==> flow/design.v <==
module core_addsub_n #(
  parameter BITS = 56
) (
  input logic clock,
  input logic aresetn,
  input logic valid,
  input logic [BITS-1:0] src1,
  input logic [BITS-1:0] src2,
  output logic [BITS-1:0] q
);
  logic [BITS-1:0] r_src1;
  logic [BITS-1:0] r_src2;
  logic [BITS:0] r_t;
  always_ff @(posedge clock or negedge aresetn) begin
    if (~aresetn) begin
      r_src1 <= 0;
      r_src2 <= 0;
      r_t <= 0;
      q <= 0;
    end else if (valid) begin
      r_src1 <= src1;
      r_src2 <= src2;
      r_t <= r_src1 - r_src2;
      q <= r_t[BITS] ? {BITS{1'b0}} : r_t[BITS-1:0];
    end
  end
endmodule
Tool chain data of core_addsub_n
What the tools print for core_addsub_n, step after step.
Line numbers count from 1 in the design file above.
Operators: Yosys type, input widths -> output width; for muxes data width and select width s.
{ "inputs": {"top": "core_addsub_n", "clk_port": "clock", "library": "sky130hd", "lib_corner": "tt_025C_1v80"} }

Elaborated design
Source: Yosys, flattened and elaborated, memories not mapped. Widths are those after wreduce; folded enables and synchronous resets count as part of the registers. Registers that Yosys merges into a memory's read port (data or address) are not register bits. Print and check cells do not count. Equal cells are merged and count once.
{ "bits": {"reg_bits": 225, "inputBits": 115, "output_inout_bits": 56, "elab_cells": 6} }
{ "op_classes": {"add_sub_neg": 1, "n_mux": 1} }
{ "op_table": {"columns": ["op", "n"], "rows": [
  ["$sub 56x56->57", 1],
  ["$mux 56", 1]
]} }

Logic depth
Yosys ltp: most cells in a row. Word level: on the elaborated netlist, between registers, memories and ports. Mapped: between sequential cells and ports; inverters and the memories' decode and read muxes count.
{ "depth": {"depth_word": 1, "ABC_AREA": 0, "depth_mapped": 12} }

Netlist
Yosys stat after the flow's synthesis: flattened, memories mapped to cells. It holds for the ABC_AREA given above (unset counts as 0); a run with the other value may have another netlist.
The area totals of this step are shown rounded.
{ "by_type": {"columns": ["cell", "n"], "rows": [
  ["sky130_fd_sc_hd__dfrtp_1", 225],
  ["sky130_fd_sc_hd__mux2_2", 99],
  ["sky130_fd_sc_hd__o21ai_0", 142],
  ["sky130_fd_sc_hd__ha_1", 56],
  ["sky130_fd_sc_hd__inv_1", 124],
  ["sky130_fd_sc_hd__nand2_1", 122],
  ["sky130_fd_sc_hd__nand3b_1", 53],
  ["sky130_fd_sc_hd__a21oi_1", 67],
  ["sky130_fd_sc_hd__xnor2_1", 30],
  ["sky130_fd_sc_hd__a21o_1", 33],
  ["sky130_fd_sc_hd__clkbuf_1", 52],
  ["sky130_fd_sc_hd__xor2_1", 22],
  ["sky130_fd_sc_hd__nor2_1", 37],
  ["sky130_fd_sc_hd__nand4_1", 19],
  ["sky130_fd_sc_hd__a31oi_1", 14],
  ["sky130_fd_sc_hd__o21a_1", 10],
  ["sky130_fd_sc_hd__nand3_1", 12],
  ["sky130_fd_sc_hd__o211ai_1", 7]
]} }
Not listed: further types 45, cells in them 110.
{ "synth_totals": {"cells": 1234, "mapped_area_um2": 12100, "flip_flops": 225, "n_buf": 70} }

Path before layout
OpenSTA on the mapped netlist: ideal clock, no wires. The path of least setup slack (recovery checks aside). Input and output delay are each 20% of the period. Register names are those of the netlist, which keeps one name where synthesis merged equal registers.
{ "synth_timing": {"path_kind": "reg2reg", "start": "register r_src2[0]", "end": "register r_t[54]", "clock_period_ns": 3.49, "setup_ns": 0.090, "launch_ns": 0.000, "t_arrival_ns": 2.702, "setup_slack_ns": 0.698, "delay_ns": 2.792, "path_stages": 12, "n_path_buf": 0, "period_less_setup_slack_ns": 2.792} }
"delay_ns" is the arrival time less input delay plus setup time.
"path_stages": output pins that drive a net of the path, with the launching flip-flop's if there is one; two outputs of one cell count as two.
"period_less_setup_slack_ns" is the clock period less the worst setup slack; recovery checks do not enter. This is arithmetic on one report: input and output delays are still those of the set period (20% each).
Between the ends stands the longest chain of elaborated cells between them, by number of cells; it is not shown to be the way that was timed. Of several equally long chains one is given.
A line is the first line of the expression or statement that the cell stems from. Yosys adds cells for indexed reads and writes and turns some case tables into memories.
{ "synth_via": {"path_cell_list": "sky130_fd_sc_hd__dfrtp_1 > sky130_fd_sc_hd__ha_1 > sky130_fd_sc_hd__fa_1 > sky130_fd_sc_hd__nor2b_1 > sky130_fd_sc_hd__o2111ai_1 > sky130_fd_sc_hd__a21oi_1 > sky130_fd_sc_hd__a31o_2 > sky130_fd_sc_hd__a2bb2oi_2 > sky130_fd_sc_hd__o21ai_1 > sky130_fd_sc_hd__o41ai_2 > sky130_fd_sc_hd__mux2_2 > sky130_fd_sc_hd__o221ai_1", "elab_chain_cells": 1, "cells_between": 1, "lines_between": 1, "classes_between": "add/sub (1)"} }
{ "synth_lines": {"columns": ["element", "line_no", "rtl"], "rows": [
  ["start, declared", 12, "logic [BITS-1:0] r_src2;"],
  ["start, assigned", 17, "r_src2 <= 0;"],
  ["start, assigned", 22, "r_src2 <= src2;"],
  ["$sub 56x56->57", 23, "r_t <= r_src1 - r_src2;"],
  ["end, assigned", 18, "r_t <= 0;"],
  ["end, assigned", 23, null],
  ["end, declared", 13, "logic [BITS:0] r_t;"]
]} }

Path in the finished layout
From the final timing report of record 2: the path of least setup slack in the routed layout; clock arrival at registers is part of the times.
{ "layout_timing": {"path_kind": "reg2reg", "start": "register r_src1[8]", "end": "register r_t[53]", "clock_period_ns": 3.49, "setup_ns": 0.11, "launch_ns": 0.51, "t_arrival_ns": 3.58, "setup_slack_ns": 0.31, "path_stages": 11, "n_path_buf": 0} }
Between the ends stands the longest chain of elaborated cells between them, by number of cells; it is not shown to be the way that was timed. Of several equally long chains one is given.
{ "layout_via": {"path_cell_list": "sky130_fd_sc_hd__dfrtp_1 > sky130_fd_sc_hd__ha_1 > sky130_fd_sc_hd__and3_1 > sky130_fd_sc_hd__o211ai_1 > sky130_fd_sc_hd__a21o_1 > sky130_fd_sc_hd__a311o_1 > sky130_fd_sc_hd__a2111oi_4 > sky130_fd_sc_hd__nor2_2 > sky130_fd_sc_hd__o21ai_1 > sky130_fd_sc_hd__xor2_1 > sky130_fd_sc_hd__mux2_2", "elab_chain_cells": 1, "cells_between": 1, "lines_between": 1, "classes_between": "add/sub (1)"} }
{ "layout_lines": {"columns": ["element", "line_no", "rtl"], "rows": [
  ["start, declared", 11, "logic [BITS-1:0] r_src1;"],
  ["start, assigned", 16, "r_src1 <= 0;"],
  ["start, assigned", 21, "r_src1 <= src1;"],
  ["$sub 56x56->57", 23, "r_t <= r_src1 - r_src2;"],
  ["end, assigned", 18, "r_t <= 0;"],
  ["end, assigned", 23, null],
  ["end, declared", 13, "logic [BITS:0] r_t;"]
]} }

Appendix: measured runs

Record of 3 stored runs of the RTL-to-layout flow on core_addsub_n, platform sky130hd. The runs are unordered. Constraints: input delay and output delay 20% of the set period each, output load 0.01 pF.
By "period_reached_ns" is meant the clock period of the run minus its worst setup slack. This is arithmetic on one report: input and output delays are still those of the set period (20% each).
By "total_power_uw" is meant OpenSTA's value without simulated activity: inputs other than the clock are taken to toggle once in ten clock periods, and the tool carries that through the logic.
The measured numbers are rounded.

Record 1
==> flow/run.sh <==
#!/bin/bash
# the make line also repeats the synthesis and layout settings of config.mk as NAME=value (left out here)
make -C /OpenROAD-flow-scripts/flow DESIGN_CONFIG=/design/flow/config.mk WORK_HOME=/design/flow/orfs CLKGATE_MAP_FILE= finish
==> flow/config.mk <==
export PLATFORM = sky130hd
export DESIGN_NAME = core_addsub_n
export DESIGN_NICKNAME = core_addsub_n
export VERILOG_FILES = /design/flow/design.v
export SDC_FILE = /design/flow/constraint.sdc
export NUM_CORES = 4
export LEC_CHECK = 0
export CAP_MARGIN = 20
export CELL_PAD_IN_SITES_DETAIL_PLACEMENT = 1
export CORE_MARGIN = 2
export CORE_UTILIZATION = 60
export GPL_TIMING_DRIVEN = 1
export MAX_ROUTING_LAYER = met4
export PLACE_DENSITY = 0.56
export SLEW_MARGIN = 20
==> flow/constraint.sdc <==
create_clock -name core_clock -period 2.03 [get_ports {clock}]
set_input_delay 0.4060 -clock core_clock [delete_from_list [all_inputs] [get_ports {clock}]]
set_output_delay 0.4060 -clock core_clock [all_outputs]
set_load 0.01 [all_outputs]

==> results of record 1, as JSON <==
{
  "outcome": "incomplete, placement halted on DPL-0033"
}

Record 2
==> flow/run.sh <==
#!/bin/bash
# the make line also repeats the synthesis and layout settings of config.mk as NAME=value (left out here)
make -C /OpenROAD-flow-scripts/flow DESIGN_CONFIG=/design/flow/config.mk WORK_HOME=/design/flow/orfs CLKGATE_MAP_FILE= finish
==> flow/config.mk <==
export PLATFORM = sky130hd
export DESIGN_NAME = core_addsub_n
export DESIGN_NICKNAME = core_addsub_n
export VERILOG_FILES = /design/flow/design.v
export SDC_FILE = /design/flow/constraint.sdc
export NUM_CORES = 4
export LEC_CHECK = 0
export CAP_MARGIN = 20
export CORE_MARGIN = 2
export CORE_UTILIZATION = 40
export SLEW_MARGIN = 20
==> flow/constraint.sdc <==
create_clock -name core_clock -period 3.49 [get_ports {clock}]
set_input_delay 0.6980 -clock core_clock [delete_from_list [all_inputs] [get_ports {clock}]]
set_output_delay 0.6980 -clock core_clock [all_outputs]
set_load 0.01 [all_outputs]

==> results of record 2, as JSON <==
{
  "yosys_chip_area_um2": 12100,
  "design_die_area_um2": 31600,
  "fin_util_pct": 50.5,
  "fin_ws_ns": 0.312,
  "total_power_uw": 8990,
  "period_reached_ns": 3.178
}

Record 3
==> flow/run.sh <==
#!/bin/bash
# the make line also repeats the synthesis and layout settings of config.mk as NAME=value (left out here)
make -C /OpenROAD-flow-scripts/flow DESIGN_CONFIG=/design/flow/config.mk WORK_HOME=/design/flow/orfs CLKGATE_MAP_FILE= finish
==> flow/config.mk <==
export PLATFORM = sky130hd
export DESIGN_NAME = core_addsub_n
export DESIGN_NICKNAME = core_addsub_n
export VERILOG_FILES = /design/flow/design.v
export SDC_FILE = /design/flow/constraint.sdc
export NUM_CORES = 4
export LEC_CHECK = 0
export CAP_MARGIN = 20
export CORE_MARGIN = 2
export CORE_UTILIZATION = 17
export CTS_CLUSTER_DIAMETER = 112
export CTS_CLUSTER_SIZE = 86
export MAX_ROUTING_LAYER = met5
export PLACE_DENSITY = 0.49
export SLEW_MARGIN = 0
==> flow/constraint.sdc <==
create_clock -name core_clock -period 4.38 [get_ports {clock}]
set_input_delay 0.8760 -clock core_clock [delete_from_list [all_inputs] [get_ports {clock}]]
set_output_delay 0.8760 -clock core_clock [all_outputs]
set_load 0.01 [all_outputs]

==> results of record 3, as JSON <==
{
  "yosys_chip_area_um2": 12100,
  "design_die_area_um2": 73100,
  "fin_util_pct": 21.6,
  "fin_ws_ns": 1.05,
  "total_power_uw": 6300,
  "period_reached_ns": 3.334
}
